==> flow/design.v <==
module u_compare #(
  parameter int DWIDTH = 8
) (
  input logic sys_clk,
  input logic [DWIDTH-1:0] u,
  input logic [DWIDTH-1:0] v,
  output logic [DWIDTH-1:0] min_o,
  output logic [DWIDTH-1:0] high
);
  logic [DWIDTH-1:0] r_u;
  logic [DWIDTH-1:0] r_v;
  always_ff @(posedge sys_clk) begin
    r_u <= u;
    r_v <= v;
  end
  logic val;
  assign val = r_u < r_v;
  assign min_o = val ? r_u : r_v;
  assign high = val ? r_v : r_u;
endmodule
== Step by step through the tools: u_compare ==
Tool output for the design above, in the order of the flow.
Lines are those of the file above, counted from 1.
Cell names lack the library's common part.
A cell with -- has no value.

* Design top: u_compare
* Clock input: sys_clk
* Library: sky130hd
* Library corner: tt_025C_1v80

== Elaborated design ==
Counts by Yosys on the flattened word-level netlist (proc, flatten, opt, wreduce; memories kept). Register bits leave out memories and registers merged into their read ports (data or address); mux counts leave out enables and synchronous resets folded into registers. Print and check cells are left out. Cells with the same type and inputs are merged into one.

* Muxes and demuxes: 2
* Order comparisons: 1

{| class="wikitable"
|+ Operators with widths
! operator !! number
|-
| two-way mux 8 bit || 2
|-
| < comparator 8 bit || 1
|}

* Output and inout bits: 16
* Cells after elaboration: 5
* Input bits: 17
* Register bits after elaboration: 16

== Longest topological paths ==
Longest topological path by Yosys (ltp), each cell counted once; first at word level (registers and memories cut), then after technology mapping (sequential cells cut; the memories' decode and read muxes count).

* Depth in word-level cells: 2
* ABC_AREA: 0
* Gate-level depth with buffers: 7
* Mapped depth without buffers: 6

== Netlist ==
Yosys stat after the flow's synthesis: flattened, memories mapped to cells. It holds for the ABC_AREA given above (unset counts as 0); a run with the other value may have another netlist.
The area totals of this step are shown rounded.

* Area of sequential cells: 0.00032 mm2
* Chip area (Yosys): 0.000746 mm2
* Buffers: 1
* Flip-flop cells: 16
* Cells in the netlist: 57

{| class="wikitable"
|+ Cells by type
! type !! number !! total area (um2)
|-
| dfxtp_1 || 16 || 320.307
|-
| mux2_4 || 10 || 150.144
|-
| ha_1 || 7 || 87.584
|-
| mux2_2 || 6 || 67.565
|-
| inv_1 || 8 || 30.029
|-
| a211oi_4 || 1 || 20.019
|-
| buf_12 || 1 || 20.019
|-
| a2111o_1 || 1 || 11.261
|-
| o21ai_0 || 2 || 10.01
|-
| a211oi_1 || 1 || 7.507
|-
| nand2b_1 || 1 || 6.256
|-
| nand4_1 || 1 || 6.256
|-
| a21oi_1 || 1 || 5.005
|-
| nor2_1 || 1 || 3.754
|}

== Path before layout ==
OpenSTA on the mapped netlist: ideal clock, no wires. The path of least setup slack (recovery checks aside). Input and output delay are each 20% of the period. Register names are those of the netlist, which keeps one name where synthesis merged equal registers.

* Path kind: reg-to-output
* Start point: register r_v[1]
* End point: output high[0]
* Launch time at the first pin: 0 ps
* Clock period: 2980 ps
* Output delay: 596 ps
* Data required time: 2384 ps
* Delay of the path: 1906 ps
* Stages: 7
* Setup slack: 478 ps
* Arrival time: 1906 ps
* Buffers on the path: 1
* Synthesis period reached: 2502 ps

"delay of the path" = arrival - input delay + setup time.
A path that ends at an output port has no setup time.
"stages" counts driving pins, that of a launching flip-flop among them; a cell with two outputs on the path counts twice.
"synthesis period reached" = period - worst setup slack (recovery checks aside). The figure is calculated, with input and output delays left at 20% of the set period.
The rows between start and end are the longest chain of elaborated cells between them; the timing report does not say that the signal goes this way. Where chains are equally long, one stands for them.
Each line given opens the expression or statement behind the cell; cells for indexed reads and writes are added by Yosys, which also makes memories of some case tables.

* Path through: dfxtp_1 inv_1 ha_1 a2111o_1 a211oi_4 buf_12 mux2_4
* Length of the longest elaborated chain: 2
* Elaborated cells between the ends (all ways): 2
* Source lines of those cells: 2
* Classes of those cells: 1 x compare; 1 x mux

{| class="wikitable"
|+ RTL lines, path post-synthesis
! element !! RTL line !! RTL
|-
| from (decl) || 11 || <nowiki>logic [DWIDTH-1:0] r_v;</nowiki>
|-
| from (assign) || 14 || <nowiki>r_v <= v;</nowiki>
|-
| < comparator 8 bit || 17 || <nowiki>assign val = r_u < r_v;</nowiki>
|-
| two-way mux 8 bit || 19 || <nowiki>assign high = val ? r_v : r_u;</nowiki>
|-
| to (decl) || 8 || <nowiki>output logic [DWIDTH-1:0] high</nowiki>
|}

== Path in the finished layout ==
From the final timing report of run 1: the path of least setup slack in the routed layout; clock arrival at registers is part of the times.
The path's times are printed in steps of 10 ps; the period is the one set.

* Path kind: reg-to-output
* Start point: register r_v[1]
* End point: output min_o[7]
* Stages: 9
* Clock period: 2980 ps
* Data required time: 2380 ps
* Output delay: 600 ps
* Setup slack: 80 ps
* Launch time at the first pin: 280 ps
* Buffers on the path: 3
* Arrival time: 2300 ps

The rows between start and end are the longest chain of elaborated cells between them; the timing report does not say that the signal goes this way. Where chains are equally long, one stands for them.

* Path through: dfxtp_2 inv_2 ha_4 a2111o_1 a211oi_4 buf_6 buf_4 mux2_2 buf_6
* Length of the longest elaborated chain: 2
* Elaborated cells between the ends (all ways): 2
* Source lines of those cells: 2
* Classes of those cells: 1 x compare; 1 x mux

{| class="wikitable"
|+ RTL lines, path post-layout
! element !! RTL line !! RTL
|-
| from (decl) || 11 || <nowiki>logic [DWIDTH-1:0] r_v;</nowiki>
|-
| from (assign) || 14 || <nowiki>r_v <= v;</nowiki>
|-
| < comparator 8 bit || 17 || <nowiki>assign val = r_u < r_v;</nowiki>
|-
| two-way mux 8 bit || 18 || <nowiki>assign min_o = val ? r_u : r_v;</nowiki>
|-
| to (decl) || 7 || <nowiki>output logic [DWIDTH-1:0] min_o,</nowiki>
|}

Data sheet: physical implementation of u_compare

Measured results for u_compare: 3 stored runs of the Yosys and OpenROAD flow on sky130hd. The settings differ; the order carries no meaning. The constraints put input and output delay at 20% of the set period each and load the outputs with 0.01 pF.
"period reached" is the run's clock period less its worst setup slack. It is reckoned from that one timing run; input and output delays stay at 20% of the period that was set.
"critical setup path time" means the part of the period allowed to the worst setup path (the constraints hold back 20% at inputs and 20% at outputs) less its slack; where the path has registers, the arrival times of their clocks count too.
"critical setup path time" is given in steps of 10 ps.
Values from the reports are rounded here.

=== Run 1 ===
{| class="wikitable"
! Setting !! Value
|-
| period_ns || 2.98
|-
| CAP_MARGIN || 20
|-
| CORE_MARGIN || 2
|-
| CORE_UTILIZATION || 40
|-
| SLEW_MARGIN || 20
|-
! Result !! Value
|-
| Mapped cell area after synthesis || 0.000746 mm2
|-
| Die footprint || 0.00223 mm2
|-
| Standard-cell area after layout || 0.0012 mm2
|-
| Setup slack of the worst path || 83 ps
|-
| Setup TNS || 0 ps
|-
| Period reached || 2897 ps
|-
| Critical setup path time || 2300 ps
|-
| Critical path type || reg-to-output
|}

=== Run 2 ===
{| class="wikitable"
! Setting !! Value
|-
| period_ns || 1.59
|-
| CORE_UTILIZATION || 67
|-
| SETUP_SLACK_MARGIN || 0.09
|-
| PLACE_DENSITY_LB_ADDON || 0.11
|-
| HOLD_SLACK_MARGIN || 0.3
|-
| CORE_ASPECT_RATIO || 0.88
|-
| CELL_PAD_IN_SITES_GLOBAL_PLACEMENT || 3
|-
| CELL_PAD_IN_SITES_DETAIL_PLACEMENT || 1
|-
| GPL_ROUTABILITY_DRIVEN || 0
|-
| CTS_CLUSTER_DIAMETER || 271
|-
| MIN_ROUTING_LAYER || met1
|-
| CAP_MARGIN || 20
|-
| CORE_MARGIN || 2
|-
| SLEW_MARGIN || 20
|}
Unfinished; error FLW-0024 in placement.

=== Run 3 ===
{| class="wikitable"
! Setting !! Value
|-
| period_ns || 2.38
|-
| CORE_UTILIZATION || 15
|-
| SETUP_SLACK_MARGIN || -0.12
|-
| CELL_PAD_IN_SITES_GLOBAL_PLACEMENT || 1
|-
| CELL_PAD_IN_SITES_DETAIL_PLACEMENT || 2
|-
| GPL_TIMING_DRIVEN || 0
|-
| GPL_ROUTABILITY_DRIVEN || 1
|-
| CAP_MARGIN || 5
|-
| MIN_ROUTING_LAYER || met1
|-
| CORE_MARGIN || 2
|-
| SLEW_MARGIN || 20
|-
! Result !! Value
|-
| Mapped cell area after synthesis || 0.000746 mm2
|-
| Die footprint || 0.00555 mm2
|-
| Standard-cell area after layout || 0.0013 mm2
|-
| Setup slack of the worst path || -320 ps
|-
| Setup TNS || -4610 ps
|-
| Period reached || 2700 ps
|-
| Critical setup path time || 2220 ps
|-
| Critical path type || reg-to-output
|}
